==> flow/design.v <==
module gen_mul #(
    parameter NBITS = 14
) (
    input  logic CLK,
    input  logic nrst,
    input  logic signed [NBITS-1:0] lhs_i,
    input  logic signed [NBITS-1:0] rhs_i,
    output logic signed [2*NBITS-1:0] out_o
);
    logic signed [NBITS-1:0] r_lhs;
    always_ff @(posedge CLK) begin
        if (~nrst) begin
            r_lhs <= 0;
        end else begin
            r_lhs <= lhs_i;
        end
    end
    logic signed [NBITS-1:0] r_rhs;
    always_ff @(posedge CLK) begin
        if (~nrst) begin
            r_rhs <= 0;
        end else begin
            r_rhs <= rhs_i;
        end
    end
    assign out_o = r_lhs * r_rhs;
endmodule
From RTL to reports: gen_mul:

Tool output for the design above, in the order of the flow.
Lines are those of the file above, counted from 1.
Operators: Yosys type, input widths -> output width; for muxes data width and select width s.
Cell names lack the library's common part.
The mark -- stands for no value.

* design top: gen_mul
* clock: CLK
* library: sky130hd
* timing corner: tt_025C_1v80

Elaborated design:

Yosys after proc, flatten, opt, wreduce and memory -nomap, before mapping. Enables and synchronous resets that opt folds into registers are not counted as muxes. Memory bits, and registers merged into a memory's read port (data or address), are not among the register bits. Print and check cells are not counted. Equal cells are merged and count once.

* multiply operators: 1

Operators with widths (number)
* $mul 14x14->28: 1

* bits in registers: 28
* output and inout bits: 28
* elaborated cells: 3

Logic depth:

Longest topological path by Yosys (ltp), each cell counted once; first at word level (registers and memories cut), then after technology mapping (sequential cells cut; the memories' decode and read muxes count).

* word-level depth: 1
* ABC_AREA: 0
* gate-level depth with buffers: 21
* gate-level depth less buffers: 20

Synthesis result:

Yosys stat after the flow's synthesis: flattened, memories mapped to cells. It holds for the ABC_AREA given above (unset counts as 0); a run with the other value may have another netlist.
Totals and module areas in this step are rounded.

* cells in the netlist: 914
* cell area after synthesis: 8450 µm²
* mapped flip-flops: 28
* buffers: 34

Cells by type
* fa_1: number 195, area in all 3.9E+03 µm²
* ha_1: number 67, area in all 838.304 µm²
* and2_1: number 132, area in all 825.792 µm²
* inv_1: number 214, area in all 803.27 µm²
* dfxtp_1: number 28, area in all 560.538 µm²
* nand2_1: number 94, area in all 352.838 µm²
* xnor2_1: number 23, area in all 201.443 µm²
* a21oi_1: number 24, area in all 120.115 µm²
* clkbuf_1: number 31, area in all 116.362 µm²
* xor2_1: number 8, area in all 70.067 µm²
* nor2_1: number 18, area in all 67.565 µm²
* o21ai_0: number 10, area in all 50.048 µm²
* a21o_1: number 5, area in all 37.536 µm²
* o21bai_1: number 5, area in all 37.536 µm²
* a211oi_1: number 4, area in all 30.029 µm²
* a211o_1: number 3, area in all 26.275 µm²
* nand2b_1: number 4, area in all 25.024 µm²
* o21a_1: number 3, area in all 22.522 µm²

Other cell types: 32; their cells: 46.

Timing after synthesis:

OpenSTA on the mapped netlist: ideal clock, no wires. The path of least setup slack (recovery checks aside). Input and output delay are each 20% of the period. Register names are those of the netlist, which keeps one name where synthesis merged equal registers.

* kind: register to output
* from: register r_lhs[13]
* to: output port out_o[26]
* clock period: 8.81 ns
* output delay: 1.762 ns
* data arrival time: 5.638 ns
* required time: 7.048 ns
* path slack: 1.410 ns
* delay of the path: 5.638 ns
* stages on the path: 19
* path buffers: 2
* period reached after synthesis: 7.4 ns

"delay of the path" = arrival - input delay + setup time.
A path that ends at an output port has no setup time.
"stages on the path": output pins that drive a net of the path, with the launching flip-flop's if there is one; two outputs of one cell count as two.
"period reached after synthesis" = period - worst setup slack (recovery checks aside). The figure is calculated, with input and output delays left at 20% of the set period.
The rows between start and end are the longest chain of elaborated cells between them; the timing report does not say that the signal goes this way. Where chains are equally long, one stands for them.
A line is the first line of the expression or statement that the cell stems from. Yosys adds cells for indexed reads and writes and turns some case tables into memories.

* cell sequence: dfxtp_1 -> clkbuf_1 -> nand2_1 -> fa_1 -> fa_1 -> inv_1 -> fa_1 -> inv_1 -> fa_1 -> fa_1 -> fa_1 -> inv_1 -> ha_1 -> clkbuf_2 -> inv_1 -> o21bai_1 -> or3b_2 -> or3_1 -> nand3_1
* cells in the longest elaborated chain: 1
* elaborated cells between the ends (all ways): 1
* those cells by class: 1 x mul

Ends and longest elaborated chain, post-synthesis
* from (decl): line 10 `logic signed [NBITS-1:0] r_lhs;`
* from (assign): line 13 `r_lhs <= 0;`
* from (assign): line 15 `r_lhs <= lhs_i;`
* $mul 14x14->28: line 26 `assign out_o = r_lhs * r_rhs;`
* to (decl): line 8 `output logic signed [2*NBITS-1:0] out_o`

Timing after layout:

From the final timing report of flow run 1: the path of least setup slack in the routed layout; clock arrival at registers is part of the times.

* kind: register to output
* from: register r_rhs[4]
* to: output port out_o[20]
* clock period: 7.14 ns
* output delay: 1.43 ns
* data arrival time: 5.74 ns
* required time: 5.71 ns
* path slack: -0.03 ns
* stages on the path: 23
* path buffers: 4

The rows between start and end are the longest chain of elaborated cells between them; the timing report does not say that the signal goes this way. Where chains are equally long, one stands for them.

* cell sequence: dfxtp_4 -> buf_4 -> and2_1 -> fa_1 -> inv_1 -> fa_1 -> inv_1 -> fa_1 -> fa_1 -> fa_1 -> inv_1 -> fa_1 -> inv_2 -> ha_4 -> nand2_2 -> nor3_4 -> a21oi_2 -> buf_4 -> buf_6 -> a21oi_4 -> a31oi_4 -> o311ai_2 -> buf_2
* cells in the longest elaborated chain: 1
* elaborated cells between the ends (all ways): 1
* those cells by class: 1 x mul

Ends and longest elaborated chain, after layout
* from (decl): line 18 `logic signed [NBITS-1:0] r_rhs;`
* from (assign): line 21 `r_rhs <= 0;`
* from (assign): line 23 `r_rhs <= rhs_i;`
* $mul 14x14->28: line 26 `assign out_o = r_lhs * r_rhs;`
* to (decl): line 8 `output logic signed [2*NBITS-1:0] out_o`

Data sheet: physical implementation of gen_mul

gen_mul through Yosys and OpenROAD on sky130hd: 2 stored runs, unordered, with their settings and measured results. The constraints put input and output delay at 20% of the set period each and load the outputs with 0.01 pF.
By "clock period reached" is meant the clock period of the run minus its worst setup slack. This is arithmetic on one report: input and output delays are still those of the set period (20% each).
"time of the worst setup path" is the time allowed to the run's worst setup path (the clock period less input and output delay, where it has them) less its slack. Clock arrival times count: a late capture clock shortens it, a late launch clock lengthens it.
"total power after layout" is the tool's figure for a default switching activity; nothing was simulated.
Values from the reports are rounded here.

### Flow run 1

Settings: `period_ns=7.14`, `CORE_UTILIZATION=61`, `PLACE_DENSITY_LB_ADDON=0.12`, `CORE_ASPECT_RATIO=1.88`, `CORE_MARGIN=8`, `CELL_PAD_IN_SITES_GLOBAL_PLACEMENT=1`, `TNS_END_PERCENT=40`, `CAP_MARGIN=25`, `MIN_ROUTING_LAYER=met1`, `MAX_ROUTING_LAYER=met5`, `SLEW_MARGIN=20`

- Setup TNS: -0.087 ns
- Time of the worst setup path: 5.74 ns
- Worst setup path kind: register to output
- Std-cell area (final layout): 11000 µm²
- Clock period reached: 7.172 ns
- Utilization after routing: 0.805
- Full die area: 18100 µm²
- Worst setup slack after layout: -0.032 ns
- Worst hold slack in the final report: 1.74 ns
- Total power after layout: 2510 µW
- Cell area after synthesis: 8450 µm²

### Flow run 2

Settings: `period_ns=8.81`, `CAP_MARGIN=20`, `CORE_MARGIN=2`, `CORE_UTILIZATION=40`, `SLEW_MARGIN=20`

- Setup TNS: 0.000 ns
- Time of the worst setup path: 6.64 ns
- Worst setup path kind: register to output
- Std-cell area (final layout): 9450 µm²
- Clock period reached: 8.401 ns
- Utilization after routing: 0.452
- Full die area: 22300 µm²
- Worst setup slack after layout: 0.409 ns
- Worst hold slack in the final report: 2.07 ns
- Total power after layout: 1540 µW
- Cell area after synthesis: 8450 µm²
